==> flow/design.v <==
module gen_sub_unit_mod #(
    parameter integer WD = 48
) (
    input  wire CLK,
    input  wire RST,
    input  wire [WD-1:0] arg0,
    input  wire [WD-1:0] arg1,
    output reg [WD:0] sum,
    output reg [WD:0] diff
);
    always @(posedge CLK) begin
        if (RST) begin
            sum <= 0;
            diff <= 0;
        end else begin
            sum <= arg0 + arg1;
            diff <= arg0 - arg1;
        end
    end
endmodule
## From RTL to reports: gen_sub_unit_mod

Tool output for the design above, in the order of the flow.
Lines are those of the file above, counted from 1.
Operators carry their Yosys type and port widths (W data, S select, Z words).
Cell names lack the library's common part.
Not given: -

| design | value |
|---|---|
| top | gen_sub_unit_mod |
| clock input | CLK |
| cell library | sky130hd |
| timing corner | tt_025C_1v80 |

## Word-level counts

Source: Yosys, flattened and elaborated, memories not mapped. Widths are those after wreduce; folded enables and synchronous resets count as part of the registers. Registers that Yosys merges into a memory's read port (data or address) are not register bits. Print and check cells do not count. Equal cells are merged and count once.

| cells by class | value |
|---|---|
| add/subtract/negate cells | 2 |

Operators by type and width:

| cell | count |
|---|---|
| $add A48 B48 Y49 | 1 |
| $sub A48 B48 Y49 | 1 |

| bit counts | value |
|---|---|
| register bits | 98 |
| output and inout bits | 98 |

## Logic depth

Longest topological path by Yosys (ltp), each cell counted once; first at word level (registers and memories cut), then after technology mapping (sequential cells cut; the memories' decode and read muxes count).

| depth | value |
|---|---|
| depth after elaboration | 1 |
| ABC_AREA | 1 |
| gate-level depth with buffers | 17 |

## After synthesis

The flow's flattened synthesis, as Yosys stat reports it; memories are mapped. The netlist is that of the ABC_AREA named above (0 if unset); the other value can give another one.
Totals and module areas in this step are rounded.

Cells by type:

| type | count |
|---|---|
| nand2_1 | 647 |
| dfxtp_1 | 97 |
| inv_1 | 445 |
| ha_1 | 96 |
| nor2_1 | 230 |
| a21oi_1 | 146 |
| nand3_1 | 82 |
| o21ai_0 | 72 |
| nor2_2 | 25 |
| o21bai_1 | 13 |
| buf_4 | 12 |
| nand4_1 | 13 |
| buf_2 | 16 |
| buf_6 | 7 |
| o21a_1 | 9 |
| nand3_2 | 6 |
| nor3_1 | 12 |
| nand2_2 | 8 |

Not listed: further types 16, cells in them 51.

| mapped netlist | value |
|---|---|
| cell count | 1987 |
| chip area (Yosys) | 10800 µm² |
| flip-flop cells | 97 |
| buffer cells | 51 |

## Worst setup path after synthesis

Source: OpenSTA report_checks on the synthesized netlist (no wires, ideal clock, input and output delay 20% of the period each), path of least setup slack; recovery checks are left aside. Register names are those of the netlist, which keeps one name where synthesis merged equal registers.

| timing path after synthesis | value |
|---|---|
| path kind | input to register |
| start | input port arg0[0] |
| end | register diff[40] |
| clock period | 3.8 ns |
| external input delay | 0.760 ns |
| launch time at the first pin | 0.760 ns |
| data arrival time | 2.186 ns |
| data required time | 3.687 ns |
| setup slack | 1.502 ns |
| delay of the path | 1.539 ns |
| stages | 15 |
| buffers on the path | 0 |
| synthesis period reached | 2.298 ns |

"delay of the path" = arrival - input delay + setup time.
"stages" counts driving pins, that of a launching flip-flop among them; a cell with two outputs on the path counts twice.
"synthesis period reached" = period - worst setup slack (recovery checks aside). The figure is calculated, with input and output delays left at 20% of the set period.
The rows between start and end are the longest chain of elaborated cells between them; the timing report does not say that the signal goes this way. Where chains are equally long, one stands for them.
Each line given opens the expression or statement behind the cell; cells for indexed reads and writes are added by Yosys, which also makes memories of some case tables.

| between the ends, after synthesis | value |
|---|---|
| path through | inv_1 > ha_1 > fa_1 > inv_1 > nand3_1 > nand3_1 > nand2_1 > nand2_2 > nand2_1 > nand3_1 > nand2_1 > nand2_1 > nand2_1 > nand2_1 > nor2_1 |
| cells in the longest elaborated chain | 1 |
| elaborated cells on any way between the ends | 1 |

RTL lines, path after synthesis:

| item | line | text |
|---|---|---|
| start: declaration | 6 | `input  wire [WD-1:0] arg0,` |
| $sub A48 B48 Y49 | 17 | `diff <= arg0 - arg1;` |
| end: assignment | 14 | `diff <= 0;` |
| end: assignment | 17 |  |
| end: declaration | 9 | `output reg [WD:0] diff` |

## Worst path after layout

Path of least setup slack in the final report of run A (OpenROAD, finished layout, wires in). Where an end is a register, its clock arrival counts in the times.

| timing path after layout | value |
|---|---|
| path kind | input to register |
| start | input port arg1[19] |
| end | register diff[25] |
| clock period | 4.61 ns |
| external input delay | 0.92 ns |
| launch time at the first pin | 0.92 ns |
| data arrival time | 3.46 ns |
| data required time | 4.83 ns |
| setup slack | 1.38 ns |
| stages | 12 |
| buffers on the path | 1 |

The rows between start and end are the longest chain of elaborated cells between them; the timing report does not say that the signal goes this way. Where chains are equally long, one stands for them.

| between the ends, after layout | value |
|---|---|
| path through | clkdlybuf4s50_1 > inv_1 > ha_1 > nand2_1 > nor2_1 > inv_1 > nor2_1 > inv_1 > nor2_2 > a21oi_1 > o21ai_0 > nor2_1 |
| cells in the longest elaborated chain | 1 |
| elaborated cells on any way between the ends | 1 |

RTL lines, path after layout:

| item | line | text |
|---|---|---|
| start: declaration | 7 | `input  wire [WD-1:0] arg1,` |
| $sub A48 B48 Y49 | 17 | `diff <= arg0 - arg1;` |
| end: assignment | 14 | `diff <= 0;` |
| end: assignment | 17 |  |
| end: declaration | 9 | `output reg [WD:0] diff` |

Subject: flow runs of gen_sub_unit_mod

Hi,

Flow measurements of gen_sub_unit_mod on sky130hd: 3 stored runs with different settings, listed in no order. Input and output delays are each 20% of the period that was set; the output load is 0.01 pF.
By "period achieved" is meant the clock period of the run minus its worst setup slack. This is arithmetic on one report: input and output delays are still those of the set period (20% each).
By "time on the worst setup path" is meant the share of the clock period that the worst setup path is allowed (20% is reserved at inputs, 20% at outputs), minus its slack. Clock arrival times at its registers enter into it.
By "total power after layout" is meant OpenSTA's value without simulated activity: inputs other than the clock are taken to toggle once in ten clock periods, and the tool carries that through the logic.
The measured numbers are rounded.
Among the settings, - means not set for that run.
A result given as - is not shown for that run.

| setting or result | run A | run B | run C |
|---|---|---|---|
| period_ns | 4.61 | 2.44 | 3.8 |
| CORE_UTILIZATION | 40 | 64 | 40 |
| PLACE_DENSITY_LB_ADDON | 0.2 | - | - |
| CELL_PAD_IN_SITES_DETAIL_PLACEMENT | 0 | - | - |
| TNS_END_PERCENT | 45 | - | - |
| ABC_AREA | 1 | 0 | - |
| CTS_CLUSTER_DIAMETER | 121 | - | - |
| CAP_MARGIN | 15 | 20 | 20 |
| MAX_ROUTING_LAYER | met5 | - | - |
| CORE_MARGIN | 2 | 8 | 2 |
| SLEW_MARGIN | 20 | 5 | 20 |
| SETUP_SLACK_MARGIN | - | 0.63 | - |
| GPL_ROUTABILITY_DRIVEN | - | 1 | - |
| period achieved (ns) | 3.235 | - | 3.692 |
| time on the worst setup path (ns) | 2.31 | - | 2.93 |
| critical path kind | input to register | - | input to register |
| utilization of the finished layout (%) | 49.5 | - | 59.0 |
| total die area (µm²) | 28400 | - | 21600 |
| smallest hold slack (ns) | 1.24 | - | 0.858 |
| total negative slack on setup checks (ns) | 0.000 | - | 0.000 |
| total power after layout (W) | 0.00327 | - | 0.00406 |
| standard-cell area after routing (µm²) | 13200 | - | 11900 |
| worst slack on setup checks (ns) | 1.38 | - | 0.108 |
| chip area in the Yosys report (µm²) | 10800 | - | 8190 |

Run B: incomplete, placement halted on DPL-0038

Regards
